==> flow/design.v <==
module gen_add_unit #(
    parameter DWIDTH = 10
) (
    input ck,
    input [DWIDTH-1:0] a_i,
    input [DWIDTH-1:0] b_i,
    output reg [DWIDTH-1:0] o_o,
    output reg ovf_o
);
    reg [DWIDTH-1:0] g;
    reg [DWIDTH-1:0] p;
    integer i;
    always @* begin
        g = a_i & b_i;
        p = a_i ^ b_i;
        for (i = 1; i < DWIDTH; i = i * 2) begin
            g = g | (p & (g << i));
            p = p & (p << i);
        end
    end
    always @(posedge ck)
        o_o <= a_i ^ b_i ^ {g[DWIDTH-2:0], 1'b0};
    always @(posedge ck)
        ovf_o <= g[DWIDTH-1];
endmodule
Subject: tool reports on gen_add_unit

Hi,

==> Step by step through the tools: gen_add_unit <==
Tool output for the members of one design family, told apart by "DWIDTH", in the order of the flow.
The file above is the member DWIDTH 10. Line numbers count from 1 in each member's own file.
Library cell names are shortened.
{ "design": {"design": "gen_add_unit", "clock_port": "ck", "library": "sky130hd", "pvt_corner": "tt_025C_1v80"} }

==> Members of the sweep <==
Lines of each other member's file that are new or changed against the file above; lines that a member lacks are not shown.
{ "changed_lines": {"columns": ["DWIDTH", "line", "rtl"], "rows": [
  [14, 2, "parameter DWIDTH = 14"],
  [16, 2, "parameter DWIDTH = 16"],
  [20, 2, "parameter DWIDTH = 20"],
  [56, 2, "parameter DWIDTH = 56"]
]} }

==> Word level <==
Source: Yosys, flattened and elaborated, memories not mapped. Widths are those after wreduce; folded enables and synchronous resets count as part of the registers. Registers that Yosys merges into a memory's read port (data or address) are not register bits. Print and check cells do not count. Equal cells are merged and count once.
{ "word_totals": {"columns": ["DWIDTH", "ff_bits", "latchBits", "mem_bits_rw", "mem_bits_ro", "clocked_rd_ports_x_width", "n_memories", "in_bits", "output_inout_bits", "word_cells"], "rows": [
  [10, 11, 0, 0, 0, 0, 0, 21, 11, 16],
  [14, 15, 0, 0, 0, 0, 0, 29, 15, 16],
  [16, 17, 0, 0, 0, 0, 0, 33, 17, 16],
  [20, 21, 0, 0, 0, 0, 0, 41, 21, 19],
  [56, 57, 0, 0, 0, 0, 0, 113, 57, 22]
]} }
{ "classes": {"columns": ["DWIDTH", "n_addsub", "n_mul", "div", "n_cmp", "eq_ne", "n_shift", "muxes", "bitwise", "n_reduce_logical"], "rows": [
  [10, 0, 0, 0, 0, 0, 0, 0, 14, 0],
  [14, 0, 0, 0, 0, 0, 0, 0, 14, 0],
  [16, 0, 0, 0, 0, 0, 0, 0, 14, 0],
  [20, 0, 0, 0, 0, 0, 0, 0, 17, 0],
  [56, 0, 0, 0, 0, 0, 0, 0, 20, 0]
]} }
{ "ops": {"columns": ["DWIDTH", "op_list"], "rows": [
  [10, "10-bit AND (8); 10-bit OR (4); 10-bit XOR (2)"],
  [14, "14-bit AND (8); 14-bit OR (4); 14-bit XOR (2)"],
  [16, "16-bit AND (8); 16-bit OR (4); 16-bit XOR (2)"],
  [20, "20-bit AND (10); 20-bit OR (5); 20-bit XOR (2)"],
  [56, "56-bit AND (12); 56-bit OR (6); 56-bit XOR (2)"]
]} }

==> Depth <==
Yosys ltp: most cells in a row. Word level: on the elaborated netlist, between registers, memories and ports. Mapped: between sequential cells and ports; inverters and the memories' decode and read muxes count.
{ "logic_depth": {"columns": ["DWIDTH", "word_depth", "abc_area", "mapped_depth", "ltp_nobuf"], "rows": [
  [10, 10, 0, 8, 8],
  [14, 10, 0, 8, 8],
  [16, 10, 0, 8, 8],
  [20, 12, 0, 9, 9],
  [56, 14, 0, 12, 12]
]} }

==> Mapped cells and area <==
Yosys stat after the flow's synthesis: flattened, memories mapped to cells. It holds for the ABC_AREA given above (unset counts as 0); a run with the other value may have another netlist.
The area totals of this step are shown rounded.
{ "mapped": {"columns": ["DWIDTH", "cell_count", "mapped_area_um2", "seq_area_um2", "ffs", "n_buf"], "rows": [
  [10, 67, 660, 220, 11, 0],
  [14, 104, 950, 300, 15, 1],
  [16, 119, 1100, 340, 17, 1],
  [20, 155, 1400, 420, 21, 4],
  [56, 531, 4600, 1100, 57, 22]
]} }
{ "types": {"columns": ["DWIDTH", "type_list"], "rows": [
  [10, "dfxtp_1 (11); ha_1 (10); xnor2_1 (5); a21oi_1 (7); a2111oi_4 (1); inv_1 (7); xor2_1 (3); a21o_1 (3); fa_1 (1); nand3_1 (4); o2111ai_2 (1); and3_1 (2); nand2_1 (3); o21ai_0 (2); a21oi_2 (1); nand2b_2 (1); nor2_1 (2); o21a_1 (1); (+2)"],
  [14, "dfxtp_1 (15); ha_1 (14); xnor2_1 (7); a21oi_1 (11); nor2_1 (8); nand2_1 (7); a21o_1 (3); inv_1 (6); fa_1 (1); nor4b_1 (2); a31oi_1 (2); a31oi_2 (1); and3_1 (2); nor2b_1 (2); a21boi_2 (1); mux2_1 (1); a221o_1 (1); o211a_1 (1); (+19)"],
  [16, "dfxtp_1 (17); ha_1 (16); xnor2_1 (8); a21oi_1 (9); xor2_1 (5); o21ai_0 (7); a21o_1 (4); nand2_1 (8); nor2_1 (7); inv_1 (6); a31oi_4 (1); fa_1 (1); nand3_1 (4); o41ai_2 (1); o211ai_1 (2); o21a_1 (2); a211oi_2 (1); nand4_1 (2); (+18)"],
  [20, "dfxtp_1 (21); ha_1 (20); xor2_1 (10); xnor2_1 (8); a21oi_1 (13); a21o_1 (8); nor2_1 (13); o21ai_0 (8); nand2_1 (9); a2111oi_4 (1); fa_1 (1); nor3_1 (4); inv_1 (5); nand4_1 (3); o41ai_2 (1); a211oi_1 (2); a221oi_2 (1); clkbuf_1 (4); (+23)"],
  [56, "dfxtp_1 (57); ha_1 (56); xnor2_1 (36); a21oi_1 (57); nand2_1 (45); xor2_1 (17); o21ai_0 (29); a21o_1 (18); nor2_1 (28); nand3_1 (16); a31oi_1 (10); nand4_1 (10); o41ai_4 (2); o211ai_1 (7); and3_1 (8); a41oi_2 (3); o21bai_1 (6); and3_2 (5); (+121)"]
]} }
The mark (+n) counts cells that are not listed.

==> Worst setup path after synthesis <==
Path of least setup slack by OpenSTA after synthesis, without wires, with an ideal clock, recovery checks aside; 20% of the period is set as input and as output delay. Where synthesis merged equal registers, the netlist keeps one of their names.
{ "synth_path": {"columns": ["DWIDTH", "kind", "start", "end", "tclk_ns", "path_slack_ns", "driving_pins", "delay_ns", "synth_period_reached_ns"], "rows": [
  [10, "input to register", "input port a_i[0]", "register o_o[8]", 2.16, 0.349, 8, 1.380, 1.811],
  [14, "input to register", "input port a_i[0]", "register o_o[12]", 2.24, 0.358, 8, 1.434, 1.882],
  [16, "input to register", "input port a_i[0]", "register o_o[14]", 2.46, 0.394, 8, 1.574, 2.066],
  [20, "input to register", "input port a_i[0]", "register o_o[18]", 2.76, 0.444, 9, 1.764, 2.316],
  [56, "input to register", "input port a_i[0]", "register o_o[40]", 3.66, 0.588, 12, 2.340, 3.072]
]} }
"delay_ns" is the arrival time less input delay plus setup time.
"driving_pins": output pins that drive a net of the path, with the launching flip-flop's if there is one; two outputs of one cell count as two.
"synth_period_reached_ns" is the clock period less the worst setup slack; recovery checks do not enter. This is arithmetic on one report: input and output delays are still those of the set period (20% each).
Between the ends stands the longest chain of elaborated cells between them, by number of cells; it is not shown to be the way that was timed. Of several equally long chains one is given.
A line is the first line of the expression or statement that the cell stems from. Yosys adds cells for indexed reads and writes and turns some case tables into memories.
{ "synth_between_DWIDTH_10": {"elab_chain_cells": 9} }
{ "synth_rtl_DWIDTH_10": {"columns": ["item", "line", "rtl"], "rows": [
  ["start: declaration", 5, "input [DWIDTH-1:0] a_i,"],
  ["10-bit AND", 14, "g = a_i & b_i;"],
  ["10-bit AND", 17, "g = g | (p & (g << i));"],
  ["10-bit OR", 17, null],
  ["10-bit AND", 17, null],
  ["10-bit OR", 17, null],
  ["10-bit AND", 17, null],
  ["10-bit OR (2 in a row)", 17, null],
  ["10-bit XOR", 22, "o_o <= a_i ^ b_i ^ {g[DWIDTH-2:0], 1'b0};"],
  ["end: assignment", 22, null],
  ["end: declaration", 7, "output reg [DWIDTH-1:0] o_o,"]
]} }
{ "synth_between_DWIDTH_56": {"elab_chain_cells": 12} }
{ "synth_rtl_DWIDTH_56": {"columns": ["item", "line", "rtl"], "rows": [
  ["start: declaration", 5, "input [DWIDTH-1:0] a_i,"],
  ["56-bit AND", 14, "g = a_i & b_i;"],
  ["56-bit AND", 17, "g = g | (p & (g << i));"],
  ["56-bit OR", 17, null],
  ["56-bit AND", 17, null],
  ["56-bit OR", 17, null],
  ["56-bit AND", 17, null],
  ["56-bit OR (3 in a row)", 17, null],
  ["56-bit AND", 17, null],
  ["56-bit OR", 17, null],
  ["56-bit XOR", 22, "o_o <= a_i ^ b_i ^ {g[DWIDTH-2:0], 1'b0};"],
  ["end: assignment", 22, null],
  ["end: declaration", 7, "output reg [DWIDTH-1:0] o_o,"]
]} }

==> Path in the finished layout <==
From the final timing report of the run of each member: the path of least setup slack in the routed layout; clock arrival at registers is part of the times.
{ "layout_path": {"columns": ["DWIDTH", "kind", "start", "end", "tclk_ns", "path_slack_ns", "driving_pins", "arrival_time_ns", "path_buffers"], "rows": [
  [10, "input to register", "input port a_i[0]", "register ovf_o", 2.16, 0.12, 9, 2.20, 1],
  [14, "input to register", "input port a_i[0]", "register o_o[12]", 2.24, 0.15, 9, 2.26, 1],
  [16, "input to register", "input port b_i[0]", "register o_o[14]", 2.46, 0.17, 9, 2.53, 1],
  [20, "input to register", "input port a_i[0]", "register o_o[18]", 2.76, 0.21, 10, 2.74, 1],
  [56, "input to register", "input port a_i[0]", "register o_o[32]", 3.66, 0.36, 13, 3.51, 1]
]} }

==> Layout results <==
One run of the flow (Yosys, OpenROAD) for each member, with settings and measured results. Input and output delays are each 20% of the period that was set; the output load is 0.01 pF.
{ "settings": {"CAP_MARGIN": 20, "CORE_MARGIN": 2, "CORE_UTILIZATION": 40, "SLEW_MARGIN": 20} }
{ "settings_diff": {"columns": ["DWIDTH", "period_ns"], "rows": [
  [10, 2.16],
  [14, 2.24],
  [16, 2.46],
  [20, 2.76],
  [56, 3.66]
]} }
{ "measured": {"columns": ["DWIDTH", "post_synth_area_um2", "die_footprint_um2", "layout_stdcell_area_um2", "finish.utilization_frac", "timing.setup.ws_ns", "timing.setup.tns_ns", "hold_ws_ns", "final_power_uw", "clock_period_reached_ns"], "rows": [
  [10, 660, 2000, 1100, 0.71, 0.12, 0.000, 0.77, 670, 2.040],
  [14, 950, 2800, 1600, 0.72, 0.15, 0.000, 0.77, 910, 2.092],
  [16, 1100, 3200, 1700, 0.64, 0.17, 0.000, 0.81, 920, 2.292],
  [20, 1400, 4000, 2200, 0.64, 0.21, 0.000, 0.86, 1000, 2.551],
  [56, 4600, 12000, 6900, 0.61, 0.36, 0.000, 0.99, 2800, 3.297]
]} }
"clock_period_reached_ns" is the run's clock period less its worst setup slack. It is reckoned from that one timing run; input and output delays stay at 20% of the period that was set.
"final_power_uw" is the tool's figure for a default switching activity; nothing was simulated.
The measured numbers are rounded.

Regards
